==> flow/design.v <==
module mul_top #(
    parameter XLEN = 20,
    parameter K = 6
) (
    input logic aclk,
    input logic rst,
    input logic ce,
    input logic [XLEN-1:0] x,
    input logic [K-1:0] y,
    output logic [XLEN+K-1:0] m
);
    logic [XLEN-1:0] x_reg;
    logic [K-1:0] y_reg;
    always_ff @(posedge aclk) begin
        if (rst) begin
            x_reg <= 0;
            y_reg <= 0;
            m <= 0;
        end else if (ce) begin
            x_reg <= x;
            y_reg <= y;
            m <= x_reg * y_reg;
        end
    end
endmodule
Reports on mul_top
The steps from the RTL of mul_top to its reports follow in flow order. Lines are those of the file above, counted from 1. Cell names lack the library's common part. Not given: -

Top: mul_top. Clock: aclk. Cell library: sky130hd. Timing corner: tt_025C_1v80.

After elaboration
Counts by Yosys on the flattened word-level netlist (proc, flatten, opt, wreduce; memories kept). Register bits leave out memories and registers merged into their read ports (data or address); mux counts leave out enables and synchronous resets folded into registers. Print and check cells are left out. Cells with the same type and inputs are merged into one.

The entry for register bits reads 52. Under bits in latches stands 0. RAM bits: 0. Under memory bits (read-only) stands 0. The figure for clocked read ports x word width is 0. For memory cells the number is 0. Under input bits stands 29. The figure for output and inout port bits is 26.

The entry for add/sub/neg operators reads 0. Multipliers: 1. The entry for div/mod/pow operators reads 0. The entry for $lt $le $gt $ge reads 0. Equality and inequality tests: 0. For shifts and indexed selects the number is 0. For multiplexer cells the number is 0. The entry for bitwise gates (word level) reads 0. For reductions and logical operators the number is 0.

Operators by type and width (count): multiplier 20 x 6 -> 26 bit (1).

Logic depth
Depth = most cells in a row (Yosys ltp): at word level without a register or memory, in the mapped netlist without a sequential cell, where the memories' decode and read muxes count.

Depth in word-level cells: 1. For ABC_AREA the number is 1. The entry for gate-level depth with buffers reads 21. Gate-level depth less buffers: 20.

Synthesis result
Yosys stat after the flow's synthesis: flattened, memories mapped to cells. It holds for the ABC_AREA given above (unset counts as 0); a run with the other value may have another netlist. Totals and module areas in this step are rounded.

The entry for mapped cells reads 1004. Synthesis area: 0.0064 mm2. The entry for sequential area reads 0.001 mm2. The figure for flip-flop cells is 52. For buffer cells the number is 28.

Cells by type: fa_1 (count 73, area in all 1.46E+03 um2); inv_1 (count 295, area in all 1.11E+03 um2); dfxtp_1 (count 52, area in all 1.04E+03 um2); nand2_1 (count 267, area in all 1E+03 um2); nor2_1 (count 128, area in all 480.461 um2); ha_1 (count 34, area in all 425.408 um2); o21ai_0 (count 39, area in all 195.187 um2); nand3_1 (count 27, area in all 135.13 um2); clkbuf_1 (count 21, area in all 78.826 um2); nand2_2 (count 10, area in all 62.56 um2); xor2_1 (count 7, area in all 61.309 um2); a21oi_1 (count 11, area in all 55.053 um2); nor2_4 (count 3, area in all 33.782 um2); nand4_1 (count 5, area in all 31.28 um2); nor2_2 (count 5, area in all 31.28 um2); nand3_2 (count 3, area in all 30.029 um2); inv_2 (count 6, area in all 22.522 um2); buf_2 (count 4, area in all 20.019 um2).

Not listed: further types 11, cells in them 14.

Timing after synthesis
Path of least setup slack by OpenSTA after synthesis, without wires, with an ideal clock, recovery checks aside; 20% of the period is set as input and as output delay. Where synthesis merged equal registers, the netlist keeps one of their names.

Kind: reg2reg. From: register y_reg[4]. To: register m[22]. The entry for clock period reads 4980 ps. Library setup time: 109 ps. The figure for data arrival time is 3393 ps. Under path slack stands 1478 ps. For delay of the path the number is 3502 ps. Stages: 20. Synthesis period reached: 3502 ps.

"delay of the path" is the arrival time less input delay plus setup time. "stages": output pins that drive a net of the path, with the launching flip-flop's if there is one; two outputs of one cell count as two. "synthesis period reached" = period - worst setup slack (recovery checks aside). The figure is calculated, with input and output delays left at 20% of the set period. Between the ends stands the longest chain of elaborated cells between them, by number of cells; it is not shown to be the way that was timed. Of several equally long chains one is given. Each line given opens the expression or statement behind the cell; cells for indexed reads and writes are added by Yosys, which also makes memories of some case tables.

Cells stage by stage: dfxtp_1 -> clkbuf_1 -> nand2_1 -> inv_1 -> fa_1 -> fa_1 -> inv_1 -> fa_1 -> inv_1 -> ha_1 -> nand2_2 -> inv_1 -> a21oi_1 -> nand2_1 -> nand2_1 -> nand3_1 -> nand2_1 -> nand3_1 -> nand2_1 -> inv_1. Under cells in the longest elaborated chain stands 1. For elaborated cells between the ends (all ways) the number is 1. RTL lines with such cells: 1. Classes of those cells: 1 x mul.

Ends and longest elaborated chain, post-synthesis: start, declared (RTL line 13) `logic [K-1:0] y_reg;`; start, assigned (RTL line 17) `y_reg <= 0;`; start, assigned (RTL line 21) `y_reg <= y;`; multiplier 20 x 6 -> 26 bit (RTL line 22) `m <= x_reg * y_reg;`; end, assigned (RTL line 18) `m <= 0;`; end, assigned (RTL line 22); end, declared (RTL line 10) `output logic [XLEN+K-1:0] m`.

Worst path after layout
From the final timing report of flow run 2: the path of least setup slack in the routed layout; clock arrival at registers is part of the times. The report prints the path's times to 10 ps; the period is as set.

Kind: reg2reg. From: register y_reg[0]. To: register m[19]. The entry for clock period reads 2650 ps. Library setup time: 90 ps. The figure for data arrival time is 3790 ps. Under path slack stands -920 ps. Stages: 20.

Between the ends stands the longest chain of elaborated cells between them, by number of cells; it is not shown to be the way that was timed. Of several equally long chains one is given.

Cells stage by stage: dfxtp_4 -> buf_8 -> nand2_4 -> inv_2 -> fa_1 -> fa_1 -> inv_2 -> fa_1 -> inv_2 -> ha_4 -> nand2_4 -> inv_4 -> a21oi_4 -> nor2_2 -> nor2_2 -> nand2_1 -> nand2_1 -> nand3_2 -> nand2_1 -> inv_1. Under cells in the longest elaborated chain stands 1. For elaborated cells between the ends (all ways) the number is 1. RTL lines with such cells: 1. Classes of those cells: 1 x mul.

Ends and longest elaborated chain, after layout: start, declared (RTL line 13) `logic [K-1:0] y_reg;`; start, assigned (RTL line 17) `y_reg <= 0;`; start, assigned (RTL line 21) `y_reg <= y;`; multiplier 20 x 6 -> 26 bit (RTL line 22) `m <= x_reg * y_reg;`; end, assigned (RTL line 18) `m <= 0;`; end, assigned (RTL line 22); end, declared (RTL line 10) `output logic [XLEN+K-1:0] m`.

Hand-over note for mul_top

mul_top through Yosys and OpenROAD on sky130hd: 3 stored runs, unordered, with their settings and measured results. The constraints put input and output delay at 20% of the set period each and load the outputs with 0.01 pF. "period achieved": clock period set for the run, less the worst setup slack. It is reckoned from that one timing run; input and output delays stay at 20% of the period that was set. "worst path time" = time allowed to the worst setup path (clock period - input delay - output delay, where it has them) - its slack; a late launch clock adds to it, a late capture clock takes from it. "total power after layout": no workload was simulated; the value follows from the tool's default switching activity. "worst path time" is known to 10 ps. Results are given in rounded form.

Flow run 1 has these settings: period_ns 3.94; CORE_UTILIZATION 60; PLACE_DENSITY_LB_ADDON 0.23; CORE_ASPECT_RATIO 0.89; CORE_MARGIN 9; CELL_PAD_IN_SITES_DETAIL_PLACEMENT 1; GPL_TIMING_DRIVEN 1; GPL_ROUTABILITY_DRIVEN 1; CTS_CLUSTER_DIAMETER 121; MAX_ROUTING_LAYER met4; CAP_MARGIN 20; SLEW_MARGIN 20. Outcome: unfinished; error DPL-0033 in placement.

Flow run 2 has these settings: period_ns 2.65; CORE_UTILIZATION 27; SETUP_SLACK_MARGIN 0.22; PLACE_DENSITY_LB_ADDON 0.05; CELL_PAD_IN_SITES_DETAIL_PLACEMENT 1; TNS_END_PERCENT 95; ABC_AREA 1; GPL_ROUTABILITY_DRIVEN 0; MAX_ROUTING_LAYER met5; CAP_MARGIN 20; CORE_MARGIN 2; SLEW_MARGIN 20. The measured synthesized cell area is 0.0064 mm2. The die area comes to 0.025 mm2. For the lowest hold slack the run shows 510 ps. The period achieved comes to 3,566 ps. For the setup slack of the worst path the run shows -920 ps. The total power after layout reads 0.003 W. For the worst path time the run shows 3,570 ps. Worst setup path kind: reg2reg. The total negative setup slack is -18,000 ps. The post-route utilization is 38%. The std-cell area (final layout) comes to 0.0089 mm2.

Flow run 3 has these settings: period_ns 4.98; CAP_MARGIN 20; CORE_MARGIN 2; CORE_UTILIZATION 40; SLEW_MARGIN 20. The die area comes to 0.015 mm2. For the lowest hold slack the run shows 450 ps. For the worst path time the run shows 4,650 ps. Worst setup path kind: reg2reg. For the setup slack of the worst path the run shows 330 ps. The total negative setup slack is 0 ps. The measured synthesized cell area is 0.0057 mm2. The post-route utilization is 47%. The total power after layout reads 0.0011 W. The period achieved comes to 4,647 ps. The std-cell area (final layout) comes to 0.0065 mm2.

End of note.
